==> flow/design.v <==
module alu_mult_v2 #(
    parameter NBITS = 14
) (
    input  wire core_clk,
    input  wire [NBITS-1:0] da_in,
    input  wire [NBITS-1:0] db_in,
    output wire [2*NBITS-1:0] result_out
);
    reg [2*NBITS-1:0] cur;
    integer i;
    always @(*) begin
        cur = 0;
        for (i = 0; i < NBITS; i = i + 1)
            if (db_in[i]) cur = cur + (da_in << i);
    end
    reg [2*NBITS-1:0] result_s;
    always @(posedge core_clk) begin
        result_s <= cur;
    end
    assign result_out = result_s;
endmodule
# ---- Step by step through the tools: alu_mult_v2
# What the tools print for alu_mult_v2, step after step.
# Lines are those of the file above, counted from 1.
# Not given: --
dict set report design {
  design {alu_mult_v2}
  clk_port {core_clk}
  library {sky130hd}
  pvt_corner {tt_025C_1v80}
}

# ---- Elaborated design
# Yosys after proc, flatten, opt, wreduce and memory -nomap, before mapping. Enables and synchronous resets that opt folds into registers are not counted as muxes. Memory bits, and registers merged into a memory's read port (data or address), are not among the register bits. Print and check cells are not counted. Equal cells are merged and count once.
dict set report op_classes {
  muxes 14
  addsub 13
}
# op count
set op_table {}
lappend op_table {{28-bit two-way mux} 13}
lappend op_table {{28-bit by 15-bit adder with 28-bit output} 1}
lappend op_table {{28-bit by 16-bit adder with 28-bit output} 1}
lappend op_table {{28-bit by 17-bit adder with 28-bit output} 1}
lappend op_table {{28-bit by 18-bit adder with 28-bit output} 1}
lappend op_table {{28-bit by 19-bit adder with 28-bit output} 1}
lappend op_table {{28-bit by 20-bit adder with 28-bit output} 1}
lappend op_table {{28-bit by 21-bit adder with 28-bit output} 1}
lappend op_table {{28-bit by 22-bit adder with 28-bit output} 1}
lappend op_table {{28-bit by 23-bit adder with 28-bit output} 1}
lappend op_table {{28-bit by 24-bit adder with 28-bit output} 1}
lappend op_table {{28-bit by 25-bit adder with 28-bit output} 1}
lappend op_table {{28-bit by 26-bit adder with 28-bit output} 1}
lappend op_table {{28-bit by 27-bit adder with 28-bit output} 1}
lappend op_table {{14-bit two-way mux} 1}
dict set report bits {
  ff_bits 28
  output_inout_bits 28
  input_bits 29
}

# ---- Depth
# Yosys ltp: most cells in a row. Word level: on the elaborated netlist, between registers, memories and ports. Mapped: between sequential cells and ports; inverters and the memories' decode and read muxes count.
dict set report logic_depth {
  word_depth 27
  abc_area 0
  mapped_depth 100
  depth_no_buf 99
}

# ---- Netlist
# The flow's flattened synthesis, as Yosys stat reports it; memories are mapped. The netlist is that of the ABC_AREA named above (0 if unset); the other value can give another one.
# Totals and module areas in this step are rounded.
# type count
set types {}
lappend types {sky130_fd_sc_hd__ha_1 203}
lappend types {sky130_fd_sc_hd__a21oi_1 138}
lappend types {sky130_fd_sc_hd__nand2_1 158}
lappend types {sky130_fd_sc_hd__nor2_1 155}
lappend types {sky130_fd_sc_hd__dfxtp_1 28}
lappend types {sky130_fd_sc_hd__xnor2_1 64}
lappend types {sky130_fd_sc_hd__o21ai_0 99}
lappend types {sky130_fd_sc_hd__xor2_1 53}
lappend types {sky130_fd_sc_hd__mux2_2 32}
lappend types {sky130_fd_sc_hd__a21o_1 47}
lappend types {sky130_fd_sc_hd__inv_1 81}
lappend types {sky130_fd_sc_hd__o21a_1 40}
lappend types {sky130_fd_sc_hd__fa_1 13}
lappend types {sky130_fd_sc_hd__mux2i_1 23}
lappend types {sky130_fd_sc_hd__nor3_1 44}
lappend types {sky130_fd_sc_hd__nand3_1 39}
lappend types {sky130_fd_sc_hd__a211oi_1 22}
lappend types {sky130_fd_sc_hd__o31ai_1 21}
# Not listed: further types 79, cells in them 382.
dict set report mapped {
  cells 1642
  mapped_area_um2 11860
  flip_flops 28
}

# ---- Worst setup path after synthesis
# OpenSTA on the mapped netlist: ideal clock, no wires. The path of least setup slack (recovery checks aside). Input and output delay are each 20% of the period. Register names are those of the netlist, which keeps one name where synthesis merged equal registers.
dict set report synth_path {
  path_type {input -> register}
  from {in db_in[0]}
  to {reg result_s[26]}
  path_delay_ns 16.513
  in_delay_ns 5.160
  required_time_ns 25.679
  slack_ns 4.128
  tclk_ns 25.8
  t_arrival_ns 21.552
  path_stages 86
  synth_period_reached_ns 21.672
}
# "path_delay_ns" = arrival - input delay + setup time.
# "path_stages" counts driving pins, that of a launching flip-flop among them; a cell with two outputs on the path counts twice.
# "synth_period_reached_ns" is the clock period less the worst setup slack; recovery checks do not enter. This is arithmetic on one report: input and output delays are still those of the set period (20% each).
# Between the ends stands the longest chain of elaborated cells between them, by number of cells; it is not shown to be the way that was timed. Of several equally long chains one is given.
# A line is the first line of the expression or statement that the cell stems from. Yosys adds cells for indexed reads and writes and turns some case tables into memories.
dict set report synth_via {
  path_cell_list {sky130_fd_sc_hd__clkbuf_1 -> sky130_fd_sc_hd__and2_1 -> sky130_fd_sc_hd__ha_1 -> sky130_fd_sc_hd__inv_1 -> sky130_fd_sc_hd__fa_1 -> sky130_fd_sc_hd__nor2b_1 -> sky130_fd_sc_hd__o21bai_1 -> sky130_fd_sc_hd__a21oi_1 -> sky130_fd_sc_hd__xnor2_1 -> sky130_fd_sc_hd__a21oi_1 -> sky130_fd_sc_hd__ha_1 -> sky130_fd_sc_hd__o211ai_1 -> sky130_fd_sc_hd__a21oi_1 -> sky130_fd_sc_hd__nor2_1 -> sky130_fd_sc_hd__xnor2_1 -> sky130_fd_sc_hd__a221oi_1 -> sky130_fd_sc_hd__inv_1 -> sky130_fd_sc_hd__ha_1 -> [... 50 more ...] -> sky130_fd_sc_hd__a21oi_1 -> sky130_fd_sc_hd__xnor2_1 -> sky130_fd_sc_hd__nand2_1 -> sky130_fd_sc_hd__o21ai_1 -> sky130_fd_sc_hd__inv_1 -> sky130_fd_sc_hd__ha_1 -> sky130_fd_sc_hd__nand2_1 -> sky130_fd_sc_hd__nor2_1 -> sky130_fd_sc_hd__a211oi_1 -> sky130_fd_sc_hd__o31ai_1 -> sky130_fd_sc_hd__xor2_1 -> sky130_fd_sc_hd__mux2_2 -> sky130_fd_sc_hd__ha_1 -> sky130_fd_sc_hd__inv_1 -> sky130_fd_sc_hd__o21bai_1 -> sky130_fd_sc_hd__a21oi_1 -> sky130_fd_sc_hd__xnor2_1 -> sky130_fd_sc_hd__mux2_2}
  elab_chain_cells 27
  cone_cells 27
  cone_lines 1
}
# element line
set synth_rtl {}
lappend synth_rtl {{start, declared} 6} ;# input  wire [NBITS-1:0] db_in,
lappend synth_rtl {{14-bit two-way mux} 14} ;# if (db_in[i]) cur = cur + (da_in << i);
lappend synth_rtl {{28-bit by 15-bit adder with 28-bit output} 14}
lappend synth_rtl {{28-bit two-way mux} 14}
lappend synth_rtl {{28-bit by 16-bit adder with 28-bit output} 14}
lappend synth_rtl {{28-bit two-way mux} 14}
lappend synth_rtl {{28-bit by 17-bit adder with 28-bit output} 14}
lappend synth_rtl {{28-bit two-way mux} 14}
lappend synth_rtl {{[... 13 more ...]} --}
lappend synth_rtl {{28-bit two-way mux} 14}
lappend synth_rtl {{28-bit by 25-bit adder with 28-bit output} 14}
lappend synth_rtl {{28-bit two-way mux} 14}
lappend synth_rtl {{28-bit by 26-bit adder with 28-bit output} 14}
lappend synth_rtl {{28-bit two-way mux} 14}
lappend synth_rtl {{28-bit by 27-bit adder with 28-bit output} 14}
lappend synth_rtl {{28-bit two-way mux} 14}
lappend synth_rtl {{end, assigned} 18} ;# result_s <= cur;
lappend synth_rtl {{end, declared} 16} ;# reg [2*NBITS-1:0] result_s;

# ---- Path in the finished layout
# Path of least setup slack in the final report of run 2 (OpenROAD, finished layout, wires in). Where an end is a register, its clock arrival counts in the times.
dict set report layout_path {
  path_type {input -> register}
  from {in da_in[1]}
  to {reg result_s[25]}
  t_arrival_ns 24.35
  tclk_ns 25.8
  path_stages 85
  required_time_ns 25.96
  in_delay_ns 5.16
  slack_ns 1.61
}
# Between the ends stands the longest chain of elaborated cells between them, by number of cells; it is not shown to be the way that was timed. Of several equally long chains one is given.
dict set report layout_via {
  path_cell_list {sky130_fd_sc_hd__clkdlybuf4s50_1 -> sky130_fd_sc_hd__buf_4 -> sky130_fd_sc_hd__and2_1 -> sky130_fd_sc_hd__ha_1 -> sky130_fd_sc_hd__inv_1 -> sky130_fd_sc_hd__fa_1 -> sky130_fd_sc_hd__nor2b_1 -> sky130_fd_sc_hd__o21bai_1 -> sky130_fd_sc_hd__a21oi_1 -> sky130_fd_sc_hd__xnor2_1 -> sky130_fd_sc_hd__a21oi_1 -> sky130_fd_sc_hd__ha_1 -> sky130_fd_sc_hd__o211ai_1 -> sky130_fd_sc_hd__a21oi_1 -> sky130_fd_sc_hd__nor2_1 -> sky130_fd_sc_hd__xnor2_1 -> sky130_fd_sc_hd__a221oi_2 -> sky130_fd_sc_hd__inv_1 -> [... 49 more ...] -> sky130_fd_sc_hd__a31oi_1 -> sky130_fd_sc_hd__xor2_1 -> sky130_fd_sc_hd__nand2_1 -> sky130_fd_sc_hd__o21ai_0 -> sky130_fd_sc_hd__inv_1 -> sky130_fd_sc_hd__ha_1 -> sky130_fd_sc_hd__a21oi_1 -> sky130_fd_sc_hd__o21ai_0 -> sky130_fd_sc_hd__xor2_1 -> sky130_fd_sc_hd__mux2_2 -> sky130_fd_sc_hd__ha_1 -> sky130_fd_sc_hd__nand3_1 -> sky130_fd_sc_hd__a211oi_1 -> sky130_fd_sc_hd__o31a_1 -> sky130_fd_sc_hd__o21a_1 -> sky130_fd_sc_hd__nor2_1 -> sky130_fd_sc_hd__xnor2_1 -> sky130_fd_sc_hd__mux2_2}
  elab_chain_cells 27
  cone_cells 27
  cone_lines 1
}
# element line
set layout_rtl {}
lappend layout_rtl {{start, declared} 5} ;# input  wire [NBITS-1:0] da_in,
lappend layout_rtl {{14-bit two-way mux} 14} ;# if (db_in[i]) cur = cur + (da_in << i);
lappend layout_rtl {{28-bit by 15-bit adder with 28-bit output} 14}
lappend layout_rtl {{28-bit two-way mux} 14}
lappend layout_rtl {{28-bit by 16-bit adder with 28-bit output} 14}
lappend layout_rtl {{28-bit two-way mux} 14}
lappend layout_rtl {{28-bit by 17-bit adder with 28-bit output} 14}
lappend layout_rtl {{28-bit two-way mux} 14}
lappend layout_rtl {{[... 13 more ...]} --}
lappend layout_rtl {{28-bit two-way mux} 14}
lappend layout_rtl {{28-bit by 25-bit adder with 28-bit output} 14}
lappend layout_rtl {{28-bit two-way mux} 14}
lappend layout_rtl {{28-bit by 26-bit adder with 28-bit output} 14}
lappend layout_rtl {{28-bit two-way mux} 14}
lappend layout_rtl {{28-bit by 27-bit adder with 28-bit output} 14}
lappend layout_rtl {{28-bit two-way mux} 14}
lappend layout_rtl {{end, assigned} 18} ;# result_s <= cur;
lappend layout_rtl {{end, declared} 16} ;# reg [2*NBITS-1:0] result_s;

; Settings and measured results of 3 stored flow runs for module alu_mult_v2 (sky130hd), not sorted in any way. The constraints put input and output delay at 20% of the set period each and load the outputs with 0.01 pF.
; "period_reached_ns" = clock period - worst setup slack. The figure is calculated, with input and output delays left at 20% of the set period.
; "worst_path_time_ns" means the part of the period allowed to the worst setup path (the constraints hold back 20% at inputs and 20% at outputs) less its slack; where the path has registers, the arrival times of their clocks count too.
; The results are shown rounded.

[run 1: settings]
period_ns = 26.9
CORE_UTILIZATION = 71
SETUP_SLACK_MARGIN = 5.0
PLACE_DENSITY_LB_ADDON = 0.13
CORE_ASPECT_RATIO = 0.68
CELL_PAD_IN_SITES_GLOBAL_PLACEMENT = 3
CELL_PAD_IN_SITES_DETAIL_PLACEMENT = 0
GPL_TIMING_DRIVEN = 1
MIN_ROUTING_LAYER = met1
CAP_MARGIN = 20
CORE_MARGIN = 2
SLEW_MARGIN = 20
[run 1: results]
outcome = incomplete, placement halted on FLW-0024

[run 2: settings]
period_ns = 25.8
CAP_MARGIN = 20
CORE_MARGIN = 2
CORE_UTILIZATION = 40
SLEW_MARGIN = 20
[run 2: results]
setupTns_ns = 0.000
total_die_area_um2 = 31030
period_reached_ns = 24.187
finalCellArea_um2 = 12990
worst_setup_slack_ns = 1.613
holdWs_ns = 5.467
worst_path_time_ns = 19.03
worstPathKind = input -> register
finalUtil_frac = 0.442
synth_area_um2 = 11860

[run 3: settings]
period_ns = 38.8
CORE_UTILIZATION = 55
SETUP_SLACK_MARGIN = -2.0
PLACE_DENSITY = 0.42
CORE_MARGIN = 2
CELL_PAD_IN_SITES_GLOBAL_PLACEMENT = 2
GPL_TIMING_DRIVEN = 1
CTS_CLUSTER_DIAMETER = 63
MAX_ROUTING_LAYER = met4
CAP_MARGIN = 20
SLEW_MARGIN = 20
[run 3: results]
outcome = incomplete, placement halted on GPL-0301
